==> flow/design.v <==
module alu_mplex_blk (ck, ch, s, result);
  parameter W = 12;
  parameter INPUTS = 6;
  localparam LOGN = $clog2(INPUTS);
  input ck;
  input [INPUTS*W-1:0] ch;
  input [LOGN-1:0] s;
  output [W-1:0] result;
  reg [INPUTS*W-1:0] ch_reg;
  reg [LOGN-1:0] s_reg;
  always @(posedge ck) begin
    ch_reg <= ch;
    s_reg <= s;
  end
  wire [INPUTS-1:0] dec;
  assign dec = {{(INPUTS-1){1'b0}}, 1'b1} << s_reg;
  reg [W-1:0] r;
  integer k;
  always @* begin
    r = 0;
    for (k = 0; k < INPUTS; k = k + 1)
      r = r | (ch_reg[k*W +: W] & {W{dec[k]}});
  end
  assign result = r;
endmodule
== Reports on alu_mplex_blk ==
What the tools print for alu_mplex_blk, step after step.
Lines are those of the file above, counted from 1.
Operators: Yosys type, input widths -> output width; for muxes data width and select width s.
A cell with n/a has no value.

* Top module: alu_mplex_blk
* Clock: ck
* Standard-cell library: sky130hd
* Corner: tt_025C_1v80

== Word level ==
Yosys after proc, flatten, opt, wreduce and memory -nomap, before mapping. Enables and synchronous resets that opt folds into registers are not counted as muxes. Memory bits, and registers merged into a memory's read port (data or address), are not among the register bits. Print and check cells are not counted. Equal cells are merged and count once.

* Shift-type cells: 1
* Bitwise operators: 11

{| class="wikitable"
|+ Operator list
! cell !! number
|-
| $and 12x12->12 || 6
|-
| $or 12x12->12 || 5
|-
| $shl 1x3->6 const A || 1
|}

* Register bits: 75
* Bits of input ports: 76
* Output and inout port bits: 12
* Word-level cells: 14

== Longest topological paths ==
Yosys ltp: most cells in a row. Word level: on the elaborated netlist, between registers, memories and ports. Mapped: between sequential cells and ports; inverters and the memories' decode and read muxes count.

* Depth in word-level cells: 7
* ABC_AREA: 0
* Depth in mapped cells: 5
* Depth with buffers taken out: 3

== Mapped cells and area ==
The flow's flattened synthesis, as Yosys stat reports it; memories are mapped. The netlist is that of the ABC_AREA named above (0 if unset); the other value can give another one.
Totals and module areas in this step are rounded.

{| class="wikitable"
|+ Cells by type
! cell !! number !! area in all (um2)
|-
| sky130_fd_sc_hd__dfxtp_1 || 75 || 1,501.44
|-
| sky130_fd_sc_hd__mux2i_1 || 19 || 190.182
|-
| sky130_fd_sc_hd__mux2_2 || 6 || 67.565
|-
| sky130_fd_sc_hd__a221o_1 || 5 || 50.048
|-
| sky130_fd_sc_hd__nand3b_1 || 5 || 37.536
|-
| sky130_fd_sc_hd__nand2_1 || 8 || 30.029
|-
| sky130_fd_sc_hd__o311ai_1 || 3 || 26.275
|-
| sky130_fd_sc_hd__a22oi_1 || 3 || 22.522
|-
| sky130_fd_sc_hd__buf_6 || 2 || 22.522
|-
| sky130_fd_sc_hd__o21ai_0 || 4 || 20.019
|-
| sky130_fd_sc_hd__o32a_1 || 2 || 20.019
|-
| sky130_fd_sc_hd__nor2_1 || 5 || 18.768
|-
| sky130_fd_sc_hd__a221oi_1 || 2 || 17.517
|-
| sky130_fd_sc_hd__buf_2 || 3 || 15.014
|-
| sky130_fd_sc_hd__buf_4 || 2 || 15.014
|-
| sky130_fd_sc_hd__o21ai_1 || 3 || 15.014
|-
| sky130_fd_sc_hd__a31oi_1 || 2 || 12.512
|-
| sky130_fd_sc_hd__nor2b_1 || 2 || 12.512
|}

Other cell types: 6; their cells: 6.

* Mapped cells: 157
* Mapped area: 2,100 um2
* Sequential part of the area: 1,500 um2
* Flip-flop cells: 75
* Buffer cells: 7

== Worst setup path after synthesis ==
OpenSTA on the mapped netlist: ideal clock, no wires. The path of least setup slack (recovery checks aside). Input and output delay are each 20% of the period. Register names are those of the netlist, which keeps one name where synthesis merged equal registers.

* Path kind: register -> output
* Start point: register s_reg[2]
* End point: output port result[1]
* Clock period: 1.74 ns
* External output delay: 0.348 ns
* Time at the first pin: 0.000 ns
* Arrival time: 1.115 ns
* Required time: 1.392 ns
* Setup slack: 0.277 ns
* Delay of the path: 1.115 ns
* Stages on the path: 5
* Path buffers: 1
* Synthesis period reached: 1.463 ns

"delay of the path" is the arrival time less input delay plus setup time.
A path that ends at an output port has no setup time.
"stages on the path": output pins that drive a net of the path, with the launching flip-flop's if there is one; two outputs of one cell count as two.
"synthesis period reached" = period - worst setup slack (recovery checks aside). The figure is calculated, with input and output delays left at 20% of the set period.
The rows between start and end are the longest chain of elaborated cells between them; the timing report does not say that the signal goes this way. Where chains are equally long, one stands for them.
A line is the first line of the expression or statement that the cell stems from. Yosys adds cells for indexed reads and writes and turns some case tables into memories.

* Cells stage by stage: sky130_fd_sc_hd__dfxtp_1 > sky130_fd_sc_hd__buf_6 > sky130_fd_sc_hd__mux2_2 > sky130_fd_sc_hd__a221oi_1 > sky130_fd_sc_hd__a31oi_1
* Cells in the longest elaborated chain: 7
* Elaborated cells between the ends (all ways): 12
* Source lines of those cells: 2
* Classes of those cells: shift (1); logic (11)

{| class="wikitable"
|+ RTL lines, path after synthesis
! what !! RTL line !! text
|-
| from (decl) || 10 || <nowiki>reg [LOGN-1:0] s_reg;</nowiki>
|-
| from (assign) || 13 || <nowiki>s_reg <= s;</nowiki>
|-
| $shl 1x3->6 || 16 || <nowiki>assign dec = {{(INPUTS-1){1'b0}}, 1'b1} << s_reg;</nowiki>
|-
| $and 12x12->12 || 22 || <nowiki>r = r | (ch_reg[k*W +: W] & {W{dec[k]}});</nowiki>
|-
| $or 12x12->12 (5 in a row) || 22 ||
|-
| to (decl) || 8 || <nowiki>output [W-1:0] result;</nowiki>
|}

== Timing after layout ==
Path of least setup slack in the final report of run 2 (OpenROAD, finished layout, wires in). Where an end is a register, its clock arrival counts in the times.

* Path kind: register -> output
* Start point: register s_reg[0]
* End point: output port result[4]
* Clock period: 1.5 ns
* External output delay: 0.30 ns
* Time at the first pin: 0.34 ns
* Arrival time: 1.69 ns
* Required time: 1.20 ns
* Setup slack: -0.49 ns
* Stages on the path: 7
* Path buffers: 3

The rows between start and end are the longest chain of elaborated cells between them; the timing report does not say that the signal goes this way. Where chains are equally long, one stands for them.

* Cells stage by stage: sky130_fd_sc_hd__dfxtp_2 > sky130_fd_sc_hd__buf_12 > sky130_fd_sc_hd__buf_6 > sky130_fd_sc_hd__nor3b_4 > sky130_fd_sc_hd__a22oi_1 > sky130_fd_sc_hd__o311ai_1 > sky130_fd_sc_hd__buf_2
* Cells in the longest elaborated chain: 7
* Elaborated cells between the ends (all ways): 12
* Source lines of those cells: 2
* Classes of those cells: shift (1); logic (11)

{| class="wikitable"
|+ RTL lines, path post-layout
! what !! RTL line !! text
|-
| from (decl) || 10 || <nowiki>reg [LOGN-1:0] s_reg;</nowiki>
|-
| from (assign) || 13 || <nowiki>s_reg <= s;</nowiki>
|-
| $shl 1x3->6 || 16 || <nowiki>assign dec = {{(INPUTS-1){1'b0}}, 1'b1} << s_reg;</nowiki>
|-
| $and 12x12->12 || 22 || <nowiki>r = r | (ch_reg[k*W +: W] & {W{dec[k]}});</nowiki>
|-
| $or 12x12->12 (5 in a row) || 22 ||
|-
| to (decl) || 8 || <nowiki>output [W-1:0] result;</nowiki>
|}

Memo
Re: implementation data of alu_mplex_blk

alu_mplex_blk through Yosys and OpenROAD on sky130hd: 3 stored runs, unordered, with their settings and measured results. The constraints put input and output delay at 20% of the set period each and load the outputs with 0.01 pF.
"reached clock period" means the clock period less the worst setup slack. The figure is calculated, with input and output delays left at 20% of the set period.
"time on the worst setup path" is the time allowed to the run's worst setup path (the clock period less input and output delay, where it has them) less its slack. Clock arrival times count: a late capture clock shortens it, a late launch clock lengthens it.
The measured numbers are rounded.

=== Run 1 ===
{| class="wikitable"
! Setting !! Value
|-
| period_ns || 0.906
|-
| CORE_UTILIZATION || 67
|-
| PLACE_DENSITY_LB_ADDON || 0.25
|-
| CORE_ASPECT_RATIO || 0.7
|-
| CORE_MARGIN || 8
|-
| CELL_PAD_IN_SITES_GLOBAL_PLACEMENT || 0
|-
| TNS_END_PERCENT || 40
|-
| GPL_ROUTABILITY_DRIVEN || 1
|-
| CTS_CLUSTER_DIAMETER || 246
|-
| MAX_ROUTING_LAYER || met4
|-
| CAP_MARGIN || 20
|-
| SLEW_MARGIN || 20
|}
Not finished: placement ended with error FLW-0024.

=== Run 2 ===
{| class="wikitable"
! Setting !! Value
|-
| period_ns || 1.5
|-
| CORE_UTILIZATION || 55
|-
| PLACE_DENSITY_LB_ADDON || 0.11
|-
| CORE_ASPECT_RATIO || 0.91
|-
| TNS_END_PERCENT || 60
|-
| MIN_ROUTING_LAYER || met1
|-
| MAX_ROUTING_LAYER || met4
|-
| CAP_MARGIN || 20
|-
| CORE_MARGIN || 2
|-
| SLEW_MARGIN || 20
|-
! Result !! Value
|-
| Standard-cell area after layout || 3,400 um2
|-
| Synthesized cell area || 2,100 um2
|-
| Reached clock period || 1.992 ns
|-
| Lowest setup slack || -0.49 ns
|-
| Final setup TNS || -5.1 ns
|-
| Full die area || 4,400 um2
|-
| Time on the worst setup path || 1.69 ns
|-
| Worst setup path type || register -> output
|}

=== Run 3 ===
{| class="wikitable"
! Setting !! Value
|-
| period_ns || 1.74
|-
| CAP_MARGIN || 20
|-
| CORE_MARGIN || 2
|-
| CORE_UTILIZATION || 40
|-
| SLEW_MARGIN || 20
|-
! Result !! Value
|-
| Standard-cell area after layout || 3,400 um2
|-
| Synthesized cell area || 2,100 um2
|-
| Reached clock period || 1.978 ns
|-
| Lowest setup slack || -0.24 ns
|-
| Final setup TNS || -2.3 ns
|-
| Full die area || 6,000 um2
|-
| Time on the worst setup path || 1.63 ns
|-
| Worst setup path type || register -> output
|}
